==> flow/design.v <==
module gen_add_sub #(
   parameter WD = 7
) (
   input  wire clk_i,
   input  wire [WD-1:0] op_a,
   input  wire dir,
   output reg [WD-1:0] out
);
   reg [WD-1:0] op_a_d1;
   reg dir_d1;
   always @(posedge clk_i) begin
      op_a_d1 <= op_a;
      dir_d1 <= dir;
      out <= (op_a_d1 ^ {WD{dir_d1}}) + dir_d1;
   end
endmodule
==> From RTL to reports: gen_add_sub <==
Tool output for the design above, in the order of the flow.
Line numbers count from 1 in the design file above.
Operators carry their Yosys type and port widths (W data, S select, Z words).
{ "inputs": {"top": "gen_add_sub", "clock": "clk_i", "cell_library": "sky130hd", "corner": "tt_025C_1v80"} }

==> Word-level counts <==
Source: Yosys, flattened and elaborated, memories not mapped. Widths are those after wreduce; folded enables and synchronous resets count as part of the registers. Registers that Yosys merges into a memory's read port (data or address) are not register bits. Print and check cells do not count. Equal cells are merged and count once.
{ "bits": {"ff_bits": 15, "input_bits": 9, "out_inout_bits": 7, "wordCells": 5} }
{ "classes": {"addsub": 1, "bitwise": 1} }
{ "op_table": {"columns": ["op", "n"], "rows": [
  ["$add A7 B1 Y7", 1],
  ["$xor A7 B7 Y7", 1]
]} }

==> Depth <==
Depth = most cells in a row (Yosys ltp): at word level without a register or memory, in the mapped netlist without a sequential cell, where the memories' decode and read muxes count.
{ "logic_depth": {"ltp_word": 2, "ABC_AREA": 0, "ltp_mapped": 7} }

==> Mapped cells and area <==
Yosys stat after the flow's synthesis: flattened, memories mapped to cells. It holds for the ABC_AREA given above (unset counts as 0); a run with the other value may have another netlist.
{ "by_type": {"columns": ["type", "n"], "rows": [
  ["sky130_fd_sc_hd__dfxtp_1", 15],
  ["sky130_fd_sc_hd__xnor2_1", 5],
  ["sky130_fd_sc_hd__o41ai_2", 2],
  ["sky130_fd_sc_hd__xor2_1", 3],
  ["sky130_fd_sc_hd__ha_1", 2],
  ["sky130_fd_sc_hd__a21oi_1", 4],
  ["sky130_fd_sc_hd__a41o_1", 2],
  ["sky130_fd_sc_hd__nand2b_4", 1],
  ["sky130_fd_sc_hd__nor2_1", 2],
  ["sky130_fd_sc_hd__and2_1", 1],
  ["sky130_fd_sc_hd__nand2b_1", 1],
  ["sky130_fd_sc_hd__buf_2", 1],
  ["sky130_fd_sc_hd__clkbuf_2", 1],
  ["sky130_fd_sc_hd__inv_1", 1]
]} }
{ "synth_totals": {"stdcells": 41, "mapped_area_um2": 515.5, "seq_area_um2": 300.3, "flip_flops": 15, "buffers": 2} }

==> Timing after synthesis <==
OpenSTA on the mapped netlist: ideal clock, no wires. The path of least setup slack (recovery checks aside). Input and output delay are each 20% of the period. Register names are those of the netlist, which keeps one name where synthesis merged equal registers.
{ "synth_timing": {"kind": "register to register", "startpoint": "register dir_d1", "endpoint": "register out[6]", "period_ns": 1.77, "setup_time_ns": 0.124, "launch_ns": 0.000, "arrival_ns": 1.292, "slack_ns": 0.355, "delay_ns": 1.416, "path_stages": 7, "synth_period_reached_ns": 1.415} }
"delay_ns" = arrival - input delay + setup time.
"path_stages": output pins that drive a net of the path, with the launching flip-flop's if there is one; two outputs of one cell count as two.
"synth_period_reached_ns" is the clock period less the worst setup slack; recovery checks do not enter. This is arithmetic on one report: input and output delays are still those of the set period (20% each).
Between the ends stands the longest chain of elaborated cells between them, by number of cells; it is not shown to be the way that was timed. Of several equally long chains one is given.
Each line given opens the expression or statement behind the cell; cells for indexed reads and writes are added by Yosys, which also makes memories of some case tables.
{ "synth_between": {"cell_sequence": "sky130_fd_sc_hd__dfxtp_1 > sky130_fd_sc_hd__buf_2 > sky130_fd_sc_hd__xor2_1 > sky130_fd_sc_hd__ha_1 > sky130_fd_sc_hd__a41o_1 > sky130_fd_sc_hd__o41ai_2 > sky130_fd_sc_hd__xnor2_1", "elab_chain_cells": 2, "cells_between": 2, "lines_between": 1} }
{ "synth_rtl": {"columns": ["item", "line", "source"], "rows": [
  ["start, declared", 10, "reg dir_d1;"],
  ["start, assigned", 13, "dir_d1 <= dir;"],
  ["$xor A7 B7 Y7", 14, "out <= (op_a_d1 ^ {WD{dir_d1}}) + dir_d1;"],
  ["$add A7 B1 Y7", 14, null],
  ["end, assigned", 14, null],
  ["end, declared", 7, "output reg [WD-1:0] out"]
]} }

==> Timing after layout <==
From the final timing report of flow run 1: the path of least setup slack in the routed layout; clock arrival at registers is part of the times.
{ "layout_timing": {"kind": "register to output", "startpoint": "register out[0]", "endpoint": "output out[0]", "period_ns": 1.47, "launch_ns": 0.27, "arrival_ns": 1.11, "slack_ns": 0.06, "path_stages": 2} }
{ "layout_between": {"cell_sequence": "sky130_fd_sc_hd__dfxtp_1 > sky130_fd_sc_hd__clkdlybuf4s50_1", "elab_chain_cells": 0, "cells_between": 0, "lines_between": 0} }
{ "layout_rtl": {"columns": ["item", "line", "source"], "rows": [
  ["start, declared", 7, "output reg [WD-1:0] out"],
  ["start, assigned", 14, "out <= (op_a_d1 ^ {WD{dir_d1}}) + dir_d1;"],
  ["end, declared", 7, null]
]} }

Data sheet: physical implementation of gen_add_sub

gen_add_sub through Yosys and OpenROAD on sky130hd: 3 stored runs, unordered, with their settings and measured results. The constraints put input and output delay at 20% of the set period each and load the outputs with 0.01 pF.
By "clock_period_reached_ns" is meant the clock period of the run minus its worst setup slack. This is arithmetic on one report: input and output delays are still those of the set period (20% each).
By "totalPower_w" is meant OpenSTA's value without simulated activity: inputs other than the clock are taken to toggle once in ten clock periods, and the tool carries that through the logic.

Flow run 1
==> flow/run.sh <==
#!/bin/bash
# the make line also repeats the synthesis and layout settings of config.mk as NAME=value (left out here)
make -C /OpenROAD-flow-scripts/flow DESIGN_CONFIG=/design/flow/config.mk WORK_HOME=/design/flow/orfs CLKGATE_MAP_FILE= finish
==> flow/config.mk <==
export PLATFORM = sky130hd
export DESIGN_NAME = gen_add_sub
export DESIGN_NICKNAME = gen_add_sub
export VERILOG_FILES = /design/flow/design.v
export SDC_FILE = /design/flow/constraint.sdc
export NUM_CORES = 4
export LEC_CHECK = 0
export CAP_MARGIN = 10
export CORE_ASPECT_RATIO = 0.85
export CORE_MARGIN = 2
export CORE_UTILIZATION = 41
export MAX_ROUTING_LAYER = met4
export PLACE_DENSITY_LB_ADDON = 0.25
export SLEW_MARGIN = 25
export TNS_END_PERCENT = 60
==> flow/constraint.sdc <==
create_clock -name core_clock -period 1.47 [get_ports {clk_i}]
set_input_delay 0.2940 -clock core_clock [delete_from_list [all_inputs] [get_ports {clk_i}]]
set_output_delay 0.2940 -clock core_clock [all_outputs]
set_load 0.01 [all_outputs]

==> results of flow run 1, as JSON <==
{
  "synth_chip_area_um2": 515.5,
  "design_die_area_um2": 1557.9,
  "final_stdcell_area_um2": 719.4,
  "finish.utilization_frac": 0.637,
  "worst_setup_slack_ns": 0.064,
  "tns_ns": 0.000,
  "totalPower_w": 0.0008301,
  "clock_period_reached_ns": 1.406
}

Flow run 2
==> flow/run.sh <==
#!/bin/bash
# the make line also repeats the synthesis and layout settings of config.mk as NAME=value (left out here)
make -C /OpenROAD-flow-scripts/flow DESIGN_CONFIG=/design/flow/config.mk WORK_HOME=/design/flow/orfs CLKGATE_MAP_FILE= finish
==> flow/config.mk <==
export PLATFORM = sky130hd
export DESIGN_NAME = gen_add_sub
export DESIGN_NICKNAME = gen_add_sub
export VERILOG_FILES = /design/flow/design.v
export SDC_FILE = /design/flow/constraint.sdc
export NUM_CORES = 4
export LEC_CHECK = 0
export CAP_MARGIN = 20
export CORE_MARGIN = 2
export CORE_UTILIZATION = 40
export SLEW_MARGIN = 20
==> flow/constraint.sdc <==
create_clock -name core_clock -period 1.77 [get_ports {clk_i}]
set_input_delay 0.3540 -clock core_clock [delete_from_list [all_inputs] [get_ports {clk_i}]]
set_output_delay 0.3540 -clock core_clock [all_outputs]
set_load 0.01 [all_outputs]

==> results of flow run 2, as JSON <==
{
  "synth_chip_area_um2": 515.5,
  "design_die_area_um2": 1592.0,
  "final_stdcell_area_um2": 706.9,
  "finish.utilization_frac": 0.611,
  "worst_setup_slack_ns": 0.220,
  "tns_ns": 0.000,
  "totalPower_w": 0.0006872,
  "clock_period_reached_ns": 1.550
}

Flow run 3
==> flow/run.sh <==
#!/bin/bash
# the make line also repeats the synthesis and layout settings of config.mk as NAME=value (left out here)
make -C /OpenROAD-flow-scripts/flow DESIGN_CONFIG=/design/flow/config.mk WORK_HOME=/design/flow/orfs CLKGATE_MAP_FILE= finish
==> flow/config.mk <==
export PLATFORM = sky130hd
export DESIGN_NAME = gen_add_sub
export DESIGN_NICKNAME = gen_add_sub
export VERILOG_FILES = /design/flow/design.v
export SDC_FILE = /design/flow/constraint.sdc
export NUM_CORES = 4
export LEC_CHECK = 0
export ABC_AREA = 1
export CAP_MARGIN = 20
export CELL_PAD_IN_SITES_GLOBAL_PLACEMENT = 2
export CORE_MARGIN = 8
export CORE_UTILIZATION = 26
export CTS_CLUSTER_DIAMETER = 364
export GPL_ROUTABILITY_DRIVEN = 1
export PLACE_DENSITY_LB_ADDON = 0.2
export SLEW_MARGIN = 20
export TNS_END_PERCENT = 40
==> flow/constraint.sdc <==
create_clock -name core_clock -period 1.9 [get_ports {clk_i}]
set_input_delay 0.3800 -clock core_clock [delete_from_list [all_inputs] [get_ports {clk_i}]]
set_output_delay 0.3800 -clock core_clock [all_outputs]
set_load 0.01 [all_outputs]

==> results of flow run 3, as JSON <==
{
  "synth_chip_area_um2": 613.1,
  "design_die_area_um2": 4168.0,
  "final_stdcell_area_um2": 820.8,
  "finish.utilization_frac": 0.371,
  "worst_setup_slack_ns": 0.400,
  "tns_ns": 0.000,
  "totalPower_w": 0.0006579,
  "clock_period_reached_ns": 1.500
}
